==> flow/design.v <==
module gen_add #(
    parameter integer XLEN = 56
) (
    input wire i_clk,
    input wire nrst,
    input wire [XLEN-1:0] da,
    input wire [XLEN-1:0] db,
    input wire cy_in,
    output reg [XLEN-1:0] sum,
    output reg carry
);
    wire [XLEN-1:0] cur;
    wire [XLEN:0] cc;
    assign cc[0] = cy_in;
    genvar g;
    generate
        for (g = 0; g < XLEN; g = g + 1) begin : u_g
            assign cur[g] = da[g] ^ db[g] ^ cc[g];
            assign cc[g+1] = (da[g] & db[g]) | (cc[g] & (da[g] ^ db[g]));
        end
    endgenerate
    always @(posedge i_clk or negedge nrst) begin
        if (!nrst) begin
            sum <= 0;
        end else begin
            sum <= cur;
        end
    end
    always @(posedge i_clk or negedge nrst) begin
        if (!nrst) begin
            carry <= 1'b0;
        end else begin
            carry <= cc[XLEN];
        end
    end
endmodule
-- Reports on gen_add
What the tools print for gen_add, step after step.
Lines are those of the file above, counted from 1.
Operators: Yosys type, input widths -> output width; for muxes data width and select width s.
A cell with n/a has no value.
- top module: gen_add
- clock input: i_clk
- library: sky130hd
- corner: tt_025C_1v80

-- Word-level counts
Counts by Yosys on the flattened word-level netlist (proc, flatten, opt, wreduce; memories kept). Register bits leave out memories and registers merged into their read ports (data or address); mux counts leave out enables and synchronous resets folded into registers. Print and check cells are left out. Cells with the same type and inputs are merged into one.
- register bits at 57
- output and inout bits: 57
- noted cells after elaboration: 282
- bitwise operators: 280
- operators with widths (operator ; number):
    $and 1x1->1 ; 112
    $xor 1x1->1 ; 112
    $or 1x1->1 ; 56

-- Logic depth
Yosys ltp: most cells in a row. Word level: on the elaborated netlist, between registers, memories and ports. Mapped: between sequential cells and ports; inverters and the memories' decode and read muxes count.
- depth in word-level cells: 113
- noted ABC_AREA: 1
- depth in mapped cells: 60
- noted depth with buffers taken out: 60

-- Netlist
The flow's flattened synthesis, as Yosys stat reports it; memories are mapped. The netlist is that of the ABC_AREA named above (0 if unset); the other value can give another one.
Totals and module areas in this step are rounded.
- cells by type (cell ; number ; area in all (um2)):
    sky130_fd_sc_hd__dfrtp_1 ; 57 ; 1.43E+03
    sky130_fd_sc_hd__fa_1 ; 56 ; 1.12E+03
    sky130_fd_sc_hd__inv_1 ; 10 ; 37.536
- mapped cells at 123
- chip area (Yosys) at 2580 um2
- sequential area: 1430 um2
- noted flip-flop cells: 57
- noted buffer cells: 0

-- Worst setup path after synthesis
Path of least setup slack by OpenSTA after synthesis, without wires, with an ideal clock, recovery checks aside; 20% of the period is set as input and as output delay. Where synthesis merged equal registers, the netlist keeps one of their names.
- kind: input-to-reg
- start: in da[0]
- end: reg sum[55]
- noted clock period: 33300 ps
- noted input delay: 6660 ps
- noted setup time: 64 ps
- time at the first pin at 6660 ps
- noted data arrival time: 27912 ps
- data required time: 33236 ps
- noted path slack: 5324 ps
- noted delay of the path: 21316 ps
- stages: 60
- path buffers: 0
- noted synthesis period reached: 27976 ps
"delay of the path" = arrival - input delay + setup time.
"stages": output pins that drive a net of the path, with the launching flip-flop's if there is one; two outputs of one cell count as two.
"synthesis period reached" is the clock period less the worst setup slack; recovery checks do not enter. This is arithmetic on one report: input and output delays are still those of the set period (20% each).
The rows between start and end are the longest chain of elaborated cells between them; the timing report does not say that the signal goes this way. Where chains are equally long, one stands for them.
A line is the first line of the expression or statement that the cell stems from. Yosys adds cells for indexed reads and writes and turns some case tables into memories.
- cell sequence: sky130_fd_sc_hd__fa_1 sky130_fd_sc_hd__fa_1 sky130_fd_sc_hd__fa_1 sky130_fd_sc_hd__fa_1 sky130_fd_sc_hd__fa_1 sky130_fd_sc_hd__fa_1 sky130_fd_sc_hd__fa_1 sky130_fd_sc_hd__fa_1 sky130_fd_sc_hd__fa_1 sky130_fd_sc_hd__fa_1 sky130_fd_sc_hd__fa_1 sky130_fd_sc_hd__fa_1 sky130_fd_sc_hd__fa_1 sky130_fd_sc_hd__fa_1 sky130_fd_sc_hd__fa_1 sky130_fd_sc_hd__fa_1 sky130_fd_sc_hd__fa_1 sky130_fd_sc_hd__fa_1 (+24 left out) sky130_fd_sc_hd__fa_1 sky130_fd_sc_hd__fa_1 sky130_fd_sc_hd__fa_1 sky130_fd_sc_hd__fa_1 sky130_fd_sc_hd__fa_1 sky130_fd_sc_hd__fa_1 sky130_fd_sc_hd__fa_1 sky130_fd_sc_hd__fa_1 sky130_fd_sc_hd__fa_1 sky130_fd_sc_hd__fa_1 sky130_fd_sc_hd__fa_1 sky130_fd_sc_hd__inv_1 sky130_fd_sc_hd__fa_1 sky130_fd_sc_hd__inv_1 sky130_fd_sc_hd__fa_1 sky130_fd_sc_hd__inv_1 sky130_fd_sc_hd__fa_1 sky130_fd_sc_hd__inv_1
- cells in the longest elaborated chain at 112
- noted elaborated cells on any way between the ends: 113
- those cells by class: logic (113)
- ends and longest elaborated chain, post-synthesis (item ; line ; source):
    from (decl) ; 6 ; input wire [XLEN-1:0] da,
    $xor 1x1->1 ; 19 ; assign cc[g+1] = (da[g] & db[g]) | (cc[g] & (da[g] ^ db[g]));
    $and 1x1->1 ; 19 ;
    $or 1x1->1 ; 19 ;
    $and 1x1->1 ; 19 ;
    $or 1x1->1 ; 19 ;
    $and 1x1->1 ; 19 ;
    $or 1x1->1 ; 19 ;
    (+98 left out) ; n/a ;
    $and 1x1->1 ; 19 ;
    $or 1x1->1 ; 19 ;
    $and 1x1->1 ; 19 ;
    $or 1x1->1 ; 19 ;
    $and 1x1->1 ; 19 ;
    $or 1x1->1 ; 19 ;
    $xor 1x1->1 ; 18 ; assign cur[g] = da[g] ^ db[g] ^ cc[g];
    to (assign) ; 24 ; sum <= 0;
    to (assign) ; 26 ; sum <= cur;
    to (decl) ; 9 ; output reg [XLEN-1:0] sum,

-- Path in the finished layout
Path of least setup slack in the final report of job 1 (OpenROAD, finished layout, wires in). Where an end is a register, its clock arrival counts in the times.
The report prints the path's times to 10 ps; the period is as set.
- kind: input-to-reg
- start: in da[0]
- end: reg sum[55]
- noted clock period: 51700 ps
- noted input delay: 10340 ps
- noted setup time: 60 ps
- time at the first pin at 10340 ps
- noted data arrival time: 32950 ps
- data required time: 51960 ps
- noted path slack: 19010 ps
- stages: 61
- path buffers: 1
The rows between start and end are the longest chain of elaborated cells between them; the timing report does not say that the signal goes this way. Where chains are equally long, one stands for them.
- cell sequence: sky130_fd_sc_hd__clkdlybuf4s50_1 sky130_fd_sc_hd__fa_1 sky130_fd_sc_hd__fa_1 sky130_fd_sc_hd__fa_1 sky130_fd_sc_hd__fa_1 sky130_fd_sc_hd__fa_1 sky130_fd_sc_hd__fa_1 sky130_fd_sc_hd__fa_1 sky130_fd_sc_hd__fa_1 sky130_fd_sc_hd__fa_1 sky130_fd_sc_hd__fa_1 sky130_fd_sc_hd__fa_1 sky130_fd_sc_hd__fa_1 sky130_fd_sc_hd__fa_1 sky130_fd_sc_hd__fa_1 sky130_fd_sc_hd__fa_1 sky130_fd_sc_hd__fa_1 sky130_fd_sc_hd__fa_1 (+25 left out) sky130_fd_sc_hd__fa_1 sky130_fd_sc_hd__fa_1 sky130_fd_sc_hd__fa_1 sky130_fd_sc_hd__fa_1 sky130_fd_sc_hd__fa_1 sky130_fd_sc_hd__fa_1 sky130_fd_sc_hd__fa_1 sky130_fd_sc_hd__fa_1 sky130_fd_sc_hd__fa_1 sky130_fd_sc_hd__fa_1 sky130_fd_sc_hd__fa_1 sky130_fd_sc_hd__inv_1 sky130_fd_sc_hd__fa_1 sky130_fd_sc_hd__inv_1 sky130_fd_sc_hd__fa_1 sky130_fd_sc_hd__inv_1 sky130_fd_sc_hd__fa_1 sky130_fd_sc_hd__inv_1
- cells in the longest elaborated chain at 112
- noted elaborated cells on any way between the ends: 113
- those cells by class: logic (113)
- ends and longest elaborated chain, post-layout (item ; line ; source):
    from (decl) ; 6 ; input wire [XLEN-1:0] da,
    $xor 1x1->1 ; 19 ; assign cc[g+1] = (da[g] & db[g]) | (cc[g] & (da[g] ^ db[g]));
    $and 1x1->1 ; 19 ;
    $or 1x1->1 ; 19 ;
    $and 1x1->1 ; 19 ;
    $or 1x1->1 ; 19 ;
    $and 1x1->1 ; 19 ;
    $or 1x1->1 ; 19 ;
    (+98 left out) ; n/a ;
    $and 1x1->1 ; 19 ;
    $or 1x1->1 ; 19 ;
    $and 1x1->1 ; 19 ;
    $or 1x1->1 ; 19 ;
    $and 1x1->1 ; 19 ;
    $or 1x1->1 ; 19 ;
    $xor 1x1->1 ; 18 ; assign cur[g] = da[g] ^ db[g] ^ cc[g];
    to (assign) ; 24 ; sum <= 0;
    to (assign) ; 26 ; sum <= cur;
    to (decl) ; 9 ; output reg [XLEN-1:0] sum,

Module gen_add, platform sky130hd: 3 stored runs of the flow (Yosys, OpenROAD) with differing settings, in no particular order. Input and output delays are each 20% of the period that was set; the output load is 0.01 pF.
By "achieved clock period" is meant the clock period of the run minus its worst setup slack. This is arithmetic on one report: input and output delays are still those of the set period (20% each).
"allowed time less slack (worst setup path)" means the part of the period allowed to the worst setup path (the constraints hold back 20% at inputs and 20% at outputs) less its slack; where the path has registers, the arrival times of their clocks count too.
"total power after layout" is the tool's figure for a default switching activity; nothing was simulated.
"allowed time less slack (worst setup path)" is known to 10 ps.
Results are given in rounded form.

Job 1
Settings were period_ns = 51.7; CORE_UTILIZATION = 20; PLACE_DENSITY_LB_ADDON = 0.03; CORE_MARGIN = 6; CELL_PAD_IN_SITES_GLOBAL_PLACEMENT = 3; CELL_PAD_IN_SITES_DETAIL_PLACEMENT = 1; ABC_AREA = 1; GPL_TIMING_DRIVEN = 0; CAP_MARGIN = 5; MAX_ROUTING_LAYER = met4; SLEW_MARGIN = 20
- noted the synthesized cell area: 2580 um2
- area of the die at 15800 um2
- standard-cell area after layout: 4830 um2
- noted the post-layout utilization: 0.383
- setup slack of the worst path: 19000 ps
- noted the total power after layout: 157 µW
- noted the achieved clock period: 32693 ps
- allowed time less slack (worst setup path) at 22350 ps
- critical path type: input-to-reg

Job 2
Settings were period_ns = 38.3; CORE_UTILIZATION = 22; SETUP_SLACK_MARGIN = 5.0; CORE_ASPECT_RATIO = 0.69; CORE_MARGIN = 9; CELL_PAD_IN_SITES_DETAIL_PLACEMENT = 1; CTS_CLUSTER_DIAMETER = 249; SLEW_MARGIN = 10; MAX_ROUTING_LAYER = met5; CAP_MARGIN = 20
- noted the synthesized cell area: 2580 um2
- area of the die at 16000 um2
- standard-cell area after layout: 4750 um2
- noted the post-layout utilization: 0.419
- setup slack of the worst path: 8280 ps
- noted the total power after layout: 206 µW
- noted the achieved clock period: 30025 ps
- allowed time less slack (worst setup path) at 22360 ps
- critical path type: input-to-reg

Job 3
Settings were period_ns = 33.3; CAP_MARGIN = 20; CORE_MARGIN = 2; CORE_UTILIZATION = 40; SLEW_MARGIN = 20
- noted the synthesized cell area: 2580 um2
- area of the die at 7120 um2
- standard-cell area after layout: 4560 um2
- noted the post-layout utilization: 0.723
- setup slack of the worst path: 4350 ps
- noted the total power after layout: 211 µW
- noted the achieved clock period: 28952 ps
- allowed time less slack (worst setup path) at 22290 ps
- critical path type: input-to-reg
